==> flow/design.v <==
module alu_mux_n #(
    parameter WIDTH = 3
) (
    input  wire clk_i,
    input  wire aresetn,
    input  wire [WIDTH-1:0] ch_0,
    input  wire [WIDTH-1:0] ch_1,
    input  wire [WIDTH-1:0] ch_2,
    input  wire [WIDTH-1:0] ch_3,
    input  wire [WIDTH-1:0] ch_4,
    input  wire [WIDTH-1:0] ch_5,
    input  wire [WIDTH-1:0] ch_6,
    input  wire [WIDTH-1:0] ch_7,
    input  wire [WIDTH-1:0] ch_8,
    input  wire [WIDTH-1:0] ch_9,
    input  wire [3:0] addr,
    output wire [WIDTH-1:0] z_o
);
    reg [WIDTH-1:0] ch_0_ff;
    reg [WIDTH-1:0] ch_1_ff;
    reg [WIDTH-1:0] ch_2_ff;
    reg [WIDTH-1:0] ch_3_ff;
    reg [WIDTH-1:0] ch_4_ff;
    reg [WIDTH-1:0] ch_5_ff;
    reg [WIDTH-1:0] ch_6_ff;
    reg [WIDTH-1:0] ch_7_ff;
    reg [WIDTH-1:0] ch_8_ff;
    reg [WIDTH-1:0] ch_9_ff;
    reg [3:0] addr_ff;
    reg [WIDTH-1:0] t;
    always @* begin
        if (addr_ff == 0) t = ch_0_ff;
        else if (addr_ff == 1) t = ch_1_ff;
        else if (addr_ff == 2) t = ch_2_ff;
        else if (addr_ff == 3) t = ch_3_ff;
        else if (addr_ff == 4) t = ch_4_ff;
        else if (addr_ff == 5) t = ch_5_ff;
        else if (addr_ff == 6) t = ch_6_ff;
        else if (addr_ff == 7) t = ch_7_ff;
        else if (addr_ff == 8) t = ch_8_ff;
        else t = ch_9_ff;
    end
    reg [WIDTH-1:0] z_o_ff;
    assign z_o = z_o_ff;
    always @(posedge clk_i or negedge aresetn) begin
        if (!aresetn) begin
            ch_0_ff <= 0;
            ch_1_ff <= 0;
            ch_2_ff <= 0;
            ch_3_ff <= 0;
            ch_4_ff <= 0;
            ch_5_ff <= 0;
            ch_6_ff <= 0;
            ch_7_ff <= 0;
            ch_8_ff <= 0;
            ch_9_ff <= 0;
            addr_ff <= 0;
            z_o_ff <= 0;
        end else begin
            ch_0_ff <= ch_0;
            ch_1_ff <= ch_1;
            ch_2_ff <= ch_2;
            ch_3_ff <= ch_3;
            ch_4_ff <= ch_4;
            ch_5_ff <= ch_5;
            ch_6_ff <= ch_6;
            ch_7_ff <= ch_7;
            ch_8_ff <= ch_8;
            ch_9_ff <= ch_9;
            addr_ff <= addr;
            z_o_ff <= t;
        end
    end
endmodule
# Step by step through the tools: alu_mux_n
# What the tools print for alu_mux_n, step after step.
# Line numbers count from 1 in the design file above.
# Library cell names are shortened.
# Not given: -
# inputs
design	alu_mux_n
clock_port	clk_i
cell_library	sky130hd
lib_corner	tt_025C_1v80

# Elaborated design
# Source: Yosys, flattened and elaborated, memories not mapped. Widths are those after wreduce; folded enables and synchronous resets count as part of the registers. Registers that Yosys merges into a memory's read port (data or address) are not register bits. Print and check cells do not count. Equal cells are merged and count once.
# bits
reg_bits	37
elab_cells	30
# classes
eq_ne	8
n_mux	9
n_reduce_logical	1
# op_table
operator	n
3-bit 2-to-1 mux	9
4-bit by 3-bit == test with 1-bit output (second input constant)	4
4-bit by 2-bit == test with 1-bit output (second input constant)	2
4-bit by 1-bit == test with 1-bit output (second input constant)	1
4-bit == test (second input constant)	1
4-bit zero test	1

# Depth
# Depth = most cells in a row (Yosys ltp): at word level without a register or memory, in the mapped netlist without a sequential cell, where the memories' decode and read muxes count.
# depth
ltp_word	10
ABC_AREA	0
mapped_depth	6

# Mapped cells and area
# Yosys stat after the flow's synthesis: flattened, memories mapped to cells. It holds for the ABC_AREA given above (unset counts as 0); a run with the other value may have another netlist.
# Totals and module areas in this step are rounded.
# by_type
cell_type	n	area_total_um2
dfrtp_1	37	925.888
mux2i_1	4	40.038
a21oi_1	7	35.034
nand3_1	5	25.024
buf_12	1	20.019
nand2b_1	3	18.768
nor2b_1	3	18.768
o22ai_1	3	18.768
a211o_1	2	17.517
and2b_2	2	17.517
o22a_1	2	17.517
mux2_4	1	15.014
nand2_1	4	15.014
nor3b_1	2	15.014
o31ai_1	2	15.014
dlymetal6s2s_1	1	12.512
buf_6	1	11.261
inv_1	3	11.261
# Other cell types: 19; their cells: 22.
# mapped
ff_cells	37
yosys_area_um2	1400
seqArea_um2	930
stdcells	105

# Timing after synthesis
# Source: OpenSTA report_checks on the synthesized netlist (no wires, ideal clock, input and output delay 20% of the period each), path of least setup slack; recovery checks are left aside. Register names are those of the netlist, which keeps one name where synthesis merged equal registers.
# synth_timing
path_kind	register to register
from	register addr_ff[1]
to	register z_o_ff[0]
driving_pins	6
t_arrival_ns	1.257
path_buffers	1
delay_ns	1.378
slack_ns	0.342
t_required_ns	1.599
tclk_ns	1.72
synth_period_reached_ns	1.378
# "delay_ns" = arrival - input delay + setup time.
# "driving_pins" counts driving pins, that of a launching flip-flop among them; a cell with two outputs on the path counts twice.
# "synth_period_reached_ns" is the clock period less the worst setup slack; recovery checks do not enter. This is arithmetic on one report: input and output delays are still those of the set period (20% each).
# Between the ends stands the longest chain of elaborated cells between them, by number of cells; it is not shown to be the way that was timed. Of several equally long chains one is given.
# A line is the first line of the expression or statement that the cell stems from. Yosys adds cells for indexed reads and writes and turns some case tables into memories.
# synth_via
path_cell_list	dfrtp_1 > buf_6 > mux2_1 > a21oi_1 > o22ai_1 > a22o_1
elab_chain_cells	10
cone_cells	18
# synth_lines
item	line	source
from (decl)	29	reg [3:0] addr_ff;
from (assign)	57	addr_ff <= 0;
from (assign)	70	addr_ff <= addr;
4-bit == test	40	else if (addr_ff == 8) t = ch_8_ff;
3-bit 2-to-1 mux	40
3-bit 2-to-1 mux	39	else if (addr_ff == 7) t = ch_7_ff;
3-bit 2-to-1 mux	38	else if (addr_ff == 6) t = ch_6_ff;
3-bit 2-to-1 mux	37	else if (addr_ff == 5) t = ch_5_ff;
3-bit 2-to-1 mux	36	else if (addr_ff == 4) t = ch_4_ff;
3-bit 2-to-1 mux	35	else if (addr_ff == 3) t = ch_3_ff;
3-bit 2-to-1 mux	34	else if (addr_ff == 2) t = ch_2_ff;
3-bit 2-to-1 mux	33	else if (addr_ff == 1) t = ch_1_ff;
3-bit 2-to-1 mux	32	if (addr_ff == 0) t = ch_0_ff;
to (assign)	58	z_o_ff <= 0;
to (assign)	71	z_o_ff <= t;
to (decl)	43	reg [WIDTH-1:0] z_o_ff;

# Timing after layout
# Path of least setup slack in the final report of record 1 (OpenROAD, finished layout, wires in). Where an end is a register, its clock arrival counts in the times.
# layout_timing
path_kind	register to register
from	register addr_ff[2]
to	register z_o_ff[0]
t_arrival_ns	1.87
path_buffers	1
slack_ns	0.41
t_required_ns	2.28
tclk_ns	2.11
driving_pins	6
# Between the ends stands the longest chain of elaborated cells between them, by number of cells; it is not shown to be the way that was timed. Of several equally long chains one is given.
# layout_via
path_cell_list	dfrtp_1 > dlymetal6s2s_1 > nand3b_1 > a21oi_1 > o31ai_1 > a22o_1
elab_chain_cells	10
cone_cells	18
# layout_lines
item	line	source
from (decl)	29	reg [3:0] addr_ff;
from (assign)	57	addr_ff <= 0;
from (assign)	70	addr_ff <= addr;
4-bit == test	40	else if (addr_ff == 8) t = ch_8_ff;
3-bit 2-to-1 mux	40
3-bit 2-to-1 mux	39	else if (addr_ff == 7) t = ch_7_ff;
3-bit 2-to-1 mux	38	else if (addr_ff == 6) t = ch_6_ff;
3-bit 2-to-1 mux	37	else if (addr_ff == 5) t = ch_5_ff;
3-bit 2-to-1 mux	36	else if (addr_ff == 4) t = ch_4_ff;
3-bit 2-to-1 mux	35	else if (addr_ff == 3) t = ch_3_ff;
3-bit 2-to-1 mux	34	else if (addr_ff == 2) t = ch_2_ff;
3-bit 2-to-1 mux	33	else if (addr_ff == 1) t = ch_1_ff;
3-bit 2-to-1 mux	32	if (addr_ff == 0) t = ch_0_ff;
to (assign)	58	z_o_ff <= 0;
to (assign)	71	z_o_ff <= t;
to (decl)	43	reg [WIDTH-1:0] z_o_ff;

# Record of 3 stored runs of the RTL-to-layout flow on alu_mux_n, platform sky130hd. The runs are unordered. Constraints: input delay and output delay 20% of the set period each, output load 0.01 pF.
# By "achievedPeriod_ns" is meant the clock period of the run minus its worst setup slack. This is arithmetic on one report: input and output delays are still those of the set period (20% each).
# "worst_path_time_ns" is the time allowed to the run's worst setup path (the clock period less input and output delay, where it has them) less its slack. Clock arrival times count: a late capture clock shortens it, a late launch clock lengthens it.
# By "design_power_mw" is meant OpenSTA's value without simulated activity: inputs other than the clock are taken to toggle once in ten clock periods, and the tool carries that through the logic.
# Results are given in rounded form.
# Settings: . = not set for that run.
# A result given as . is not shown for that run.
setting or result,record 1,record 2,record 3
period_ns,2.11,1.72,1.56
CORE_UTILIZATION,35,40,58
PLACE_DENSITY,0.83,.,.
CORE_MARGIN,6,2,2
CELL_PAD_IN_SITES_DETAIL_PLACEMENT,2,.,0
GPL_TIMING_DRIVEN,0,.,.
CTS_CLUSTER_DIAMETER,115,.,249
SLEW_MARGIN,0,20,20
CAP_MARGIN,20,20,20
SETUP_SLACK_MARGIN,.,.,0.04
PLACE_DENSITY_LB_ADDON,.,.,0.12
CELL_PAD_IN_SITES_GLOBAL_PLACEMENT,.,.,1
synth_chip_area_um2,1400,1400,.
design.die.area_um2,5700,4000,.
cell_area_final_um2,2000,1900,.
fin_util_pct,52,57,.
timing.setup.ws_ns,0.41,0.15,.
setup_tns_ns,0.000,0.000,.
design_power_mw,1.6,1.6,.
achievedPeriod_ns,1.702,1.570,.
worst_path_time_ns,1.70,1.23,.
timing.worst_path_kind,register to register,register to output,.
# Record 3: did not finish, placement stopped with FLW-0024
